==> flow/design.v <==
module u_arith_add_stage (aclk, valid, bus, init, q);
  parameter integer DATA_W = 12;
  parameter integer EXT = 4;
  input aclk;
  input valid;
  input [DATA_W-1:0] bus;
  input init;
  output [DATA_W+EXT-1:0] q;
  reg [DATA_W-1:0] bus_q;
  reg init_q;
  reg [DATA_W+EXT-1:0] state;
  assign q = state;
  always @(posedge aclk) begin
    if (valid) begin
      bus_q <= bus;
      init_q <= init;
      state <= init_q ? bus_q : state + bus_q;
    end
  end
endmodule
Appendix: tool output

**From RTL to reports: u_arith_add_stage**

A sweep over "DATA_W": the same steps for each member of the family.
The file above is the member DATA_W = 12. Line numbers count from 1 in each member's own file.
Not given: --

- Design top: u_arith_add_stage
- Clock: aclk
- Standard-cell library: sky130hd
- Corner: tt_025C_1v80

**Members of the sweep**

Lines of each other member's file that are new or changed against the file above; lines that a member lacks are not shown.

New or changed lines:

| DATA_W | RTL line | source |
|---|---|---|
| 14 | 2 | `parameter integer DATA_W = 14;` |
| 24 | 2 | `parameter integer DATA_W = 24;` |
| 40 | 2 | `parameter integer DATA_W = 40;` |

**After elaboration**

Counts by Yosys on the flattened word-level netlist (proc, flatten, opt, wreduce; memories kept). Register bits leave out memories and registers merged into their read ports (data or address); mux counts leave out enables and synchronous resets folded into registers. Print and check cells are left out. Cells with the same type and inputs are merged into one.

Storage and ports:

| DATA_W | flip-flop bits (word level) | input bits | output and inout bits | word-level cells |
|---|---|---|---|---|
| 12 | 29 | 15 | 16 | 6 |
| 14 | 33 | 17 | 18 | 6 |
| 24 | 53 | 27 | 28 | 6 |
| 40 | 85 | 43 | 44 | 6 |

Operators by class:

| DATA_W | $add $sub $neg | mux-type cells |
|---|---|---|
| 12 | 1 | 1 |
| 14 | 1 | 1 |
| 24 | 1 | 1 |
| 40 | 1 | 1 |

Operators with widths:

| DATA_W | kinds with counts |
|---|---|
| 12 | adder 16 x 12 -> 16 bit (1); 2-to-1 mux 12 bit (1) |
| 14 | adder 18 x 14 -> 18 bit (1); 2-to-1 mux 14 bit (1) |
| 24 | adder 28 x 24 -> 28 bit (1); 2-to-1 mux 24 bit (1) |
| 40 | adder 44 x 40 -> 44 bit (1); 2-to-1 mux 40 bit (1) |

**Depth**

Depth = most cells in a row (Yosys ltp): at word level without a register or memory, in the mapped netlist without a sequential cell, where the memories' decode and read muxes count.

Logic depth:

| DATA_W | depth in word-level cells | ABC_AREA | mapped depth | mapped depth without buffers |
|---|---|---|---|---|
| 12 | 2 | 0 | 8 | 8 |
| 14 | 2 | 0 | 9 | 9 |
| 24 | 2 | 0 | 8 | 8 |
| 40 | 2 | 0 | 10 | 10 |

**After synthesis**

The flow's flattened synthesis, as Yosys stat reports it; memories are mapped. The netlist is that of the ABC_AREA named above (0 if unset); the other value can give another one.

Cells by type:

| DATA_W | type and count |
|---|---|
| 12 | sky130_fd_sc_hd__edfxtp_1 (29); sky130_fd_sc_hd__ha_1 (12); sky130_fd_sc_hd__a21oi_1 (13); sky130_fd_sc_hd__nand2_1 (16); sky130_fd_sc_hd__xor2_1 (5); sky130_fd_sc_hd__nor2_1 (11); sky130_fd_sc_hd__o21ai_1 (8); sky130_fd_sc_hd__xnor2_1 (4); sky130_fd_sc_hd__o21ai_0 (6); sky130_fd_sc_hd__nor2b_1 (4); sky130_fd_sc_hd__mux2_1 (2); sky130_fd_sc_hd__mux2_2 (2); sky130_fd_sc_hd__fa_1 (1); sky130_fd_sc_hd__a2111oi_2 (1); sky130_fd_sc_hd__a21o_1 (2); sky130_fd_sc_hd__inv_1 (4); sky130_fd_sc_hd__nand3_1 (3); sky130_fd_sc_hd__o21a_1 (2); [+20] |
| 14 | sky130_fd_sc_hd__edfxtp_1 (33); sky130_fd_sc_hd__ha_1 (14); sky130_fd_sc_hd__nand2_1 (22); sky130_fd_sc_hd__a21oi_1 (14); sky130_fd_sc_hd__a21o_1 (8); sky130_fd_sc_hd__o21ai_0 (12); sky130_fd_sc_hd__nand4_1 (7); sky130_fd_sc_hd__xor2_1 (5); sky130_fd_sc_hd__xnor2_1 (4); sky130_fd_sc_hd__nor2_1 (9); sky130_fd_sc_hd__nor2b_1 (4); sky130_fd_sc_hd__inv_1 (6); sky130_fd_sc_hd__mux2_2 (2); sky130_fd_sc_hd__a211oi_4 (1); sky130_fd_sc_hd__fa_1 (1); sky130_fd_sc_hd__nor3_1 (4); sky130_fd_sc_hd__o21ai_1 (4); sky130_fd_sc_hd__a31oi_1 (3); [+37] |
| 24 | sky130_fd_sc_hd__edfxtp_1 (53); sky130_fd_sc_hd__ha_1 (24); sky130_fd_sc_hd__o21ai_0 (30); sky130_fd_sc_hd__nand2_1 (37); sky130_fd_sc_hd__a21oi_1 (26); sky130_fd_sc_hd__xnor2_1 (12); sky130_fd_sc_hd__nor2_1 (22); sky130_fd_sc_hd__inv_1 (13); sky130_fd_sc_hd__nor2b_1 (7); sky130_fd_sc_hd__o31ai_1 (5); sky130_fd_sc_hd__mux2_2 (3); sky130_fd_sc_hd__mux2_4 (2); sky130_fd_sc_hd__nor3b_1 (4); sky130_fd_sc_hd__o211ai_1 (4); sky130_fd_sc_hd__a31oi_1 (4); sky130_fd_sc_hd__and3_1 (4); sky130_fd_sc_hd__nand3_1 (5); sky130_fd_sc_hd__nor3_1 (5); [+70] |
| 40 | sky130_fd_sc_hd__edfxtp_1 (85); sky130_fd_sc_hd__ha_1 (40); sky130_fd_sc_hd__nand2_1 (74); sky130_fd_sc_hd__o21ai_0 (45); sky130_fd_sc_hd__a21oi_1 (40); sky130_fd_sc_hd__xnor2_1 (17); sky130_fd_sc_hd__xor2_1 (12); sky130_fd_sc_hd__a21o_1 (13); sky130_fd_sc_hd__nor2_1 (23); sky130_fd_sc_hd__mux2_2 (7); sky130_fd_sc_hd__o211ai_1 (10); sky130_fd_sc_hd__a2111oi_4 (2); sky130_fd_sc_hd__nand3_1 (11); sky130_fd_sc_hd__clkbuf_1 (12); sky130_fd_sc_hd__nand4_1 (7); sky130_fd_sc_hd__nor3_1 (8); sky130_fd_sc_hd__a31oi_1 (6); sky130_fd_sc_hd__inv_1 (10); [+82] |

A list marked [+n] leaves out that many cells.

Mapped netlist:

| DATA_W | cells in the netlist | cell area after synthesis (um2) | sequential part of the area (um2) | flip-flop cells | buffer cells |
|---|---|---|---|---|---|
| 12 | 145 | 1651.6 | 870.8 | 29 | 3 |
| 14 | 190 | 2059.5 | 991.0 | 33 | 9 |
| 24 | 330 | 3433.3 | 1591.5 | 53 | 11 |
| 40 | 504 | 5270.1 | 2552.4 | 85 | 17 |

**Timing after synthesis**

OpenSTA on the mapped netlist: ideal clock, no wires. The path of least setup slack (recovery checks aside). Input and output delay are each 20% of the period. Register names are those of the netlist, which keeps one name where synthesis merged equal registers.

Timing path post-synthesis:

| DATA_W | path type | from | to | period (ns) | slack (ns) | stages | delay of the path (ns) | synthesis period reached (ns) |
|---|---|---|---|---|---|---|---|---|
| 12 | reg-to-reg | register state[0] | register state[8] | 3.04 | 0.611 | 9 | 2.429 | 2.429 |
| 14 | reg-to-reg | register state[0] | register state[14] | 2.76 | 0.553 | 10 | 2.207 | 2.207 |
| 24 | reg-to-reg | register state[0] | register state[26] | 3.29 | 0.661 | 9 | 2.628 | 2.629 |
| 40 | reg-to-reg | register state[0] | register state[42] | 3.62 | 0.723 | 11 | 2.898 | 2.897 |

"delay of the path" is the arrival time less input delay plus setup time.
"stages" counts driving pins, that of a launching flip-flop among them; a cell with two outputs on the path counts twice.
"synthesis period reached" is the clock period less the worst setup slack; recovery checks do not enter. This is arithmetic on one report: input and output delays are still those of the set period (20% each).
The rows between start and end are the longest chain of elaborated cells between them; the timing report does not say that the signal goes this way. Where chains are equally long, one stands for them.
Each line given opens the expression or statement behind the cell; cells for indexed reads and writes are added by Yosys, which also makes memories of some case tables.

On the way, post-synthesis, DATA_W = 12:
- Cells in the longest elaborated chain: 2

RTL lines, path post-synthesis, DATA_W = 12:

| element | RTL line | source |
|---|---|---|
| from (decl) | 11 | `reg [DATA_W+EXT-1:0] state;` |
| from (assign) | 17 | `state <= init_q ? bus_q : state + bus_q;` |
| adder 16 x 12 -> 16 bit | 17 |  |
| 2-to-1 mux 12 bit | 17 |  |
| to (assign) | 17 |  |
| to (decl) | 11 |  |

On the way, post-synthesis, DATA_W = 40:
- Cells in the longest elaborated chain: 1

RTL lines, path post-synthesis, DATA_W = 40:

| element | RTL line | source |
|---|---|---|
| from (decl) | 11 | `reg [DATA_W+EXT-1:0] state;` |
| from (assign) | 17 | `state <= init_q ? bus_q : state + bus_q;` |
| adder 44 x 40 -> 44 bit | 17 |  |
| to (assign) | 17 |  |
| to (decl) | 11 |  |

**Path in the finished layout**

From the final timing report of the run of each member: the path of least setup slack in the routed layout; clock arrival at registers is part of the times.

Timing path post-layout:

| DATA_W | path type | from | to | period (ns) | slack (ns) | stages | arrival time (ns) | path buffers |
|---|---|---|---|---|---|---|---|---|
| 12 | reg-to-reg | register state[0] | register state[8] | 3.04 | 0.48 | 9 | 2.56 | 0 |
| 14 | reg-to-reg | register state[7] | register state[10] | 2.76 | 0.49 | 8 | 2.30 | 0 |
| 24 | reg-to-reg | register state[0] | register state[26] | 3.29 | 0.42 | 9 | 2.94 | 0 |
| 40 | reg-to-reg | register state[0] | register state[42] | 3.62 | 0.55 | 12 | 3.18 | 1 |

**Layout results**

One run of the flow (Yosys, OpenROAD) for each member, with settings and measured results. Input and output delays are each 20% of the period that was set; the output load is 0.01 pF.

- CAP_MARGIN: 20
- CORE_MARGIN: 2
- CORE_UTILIZATION: 40
- SLEW_MARGIN: 20

Settings that differ:

| DATA_W | period_ns |
|---|---|
| 12 | 3.04 |
| 14 | 2.76 |
| 24 | 3.29 |
| 40 | 3.62 |

Results:

| DATA_W | cell area after synthesis (um2) | die area (um2) | standard-cell area after layout (um2) | post-route utilization (%) | worst setup slack after layout (ns) | setup total negative slack (ns) | smallest hold slack (ns) | total design power (µW) | clock period achieved (ns) |
|---|---|---|---|---|---|---|---|---|---|
| 12 | 1651.6 | 4658.8 | 2070.7 | 51.8 | 0.476 | 0.000 | 0.565 | 1225 | 2.564 |
| 14 | 2059.5 | 5738.8 | 2563.7 | 50.8 | 0.489 | 0.000 | 0.566 | 1712 | 2.271 |
| 24 | 3433.3 | 9340.3 | 4167.8 | 50.5 | 0.423 | 0.000 | 0.578 | 2317 | 2.867 |
| 40 | 5270.1 | 14108.7 | 6597.6 | 51.9 | 0.551 | 0.000 | 0.566 | 3558 | 3.069 |

"clock period achieved" is the run's clock period less its worst setup slack. It is reckoned from that one timing run; input and output delays stay at 20% of the period that was set.
"total design power": no workload was simulated; the value follows from the tool's default switching activity.
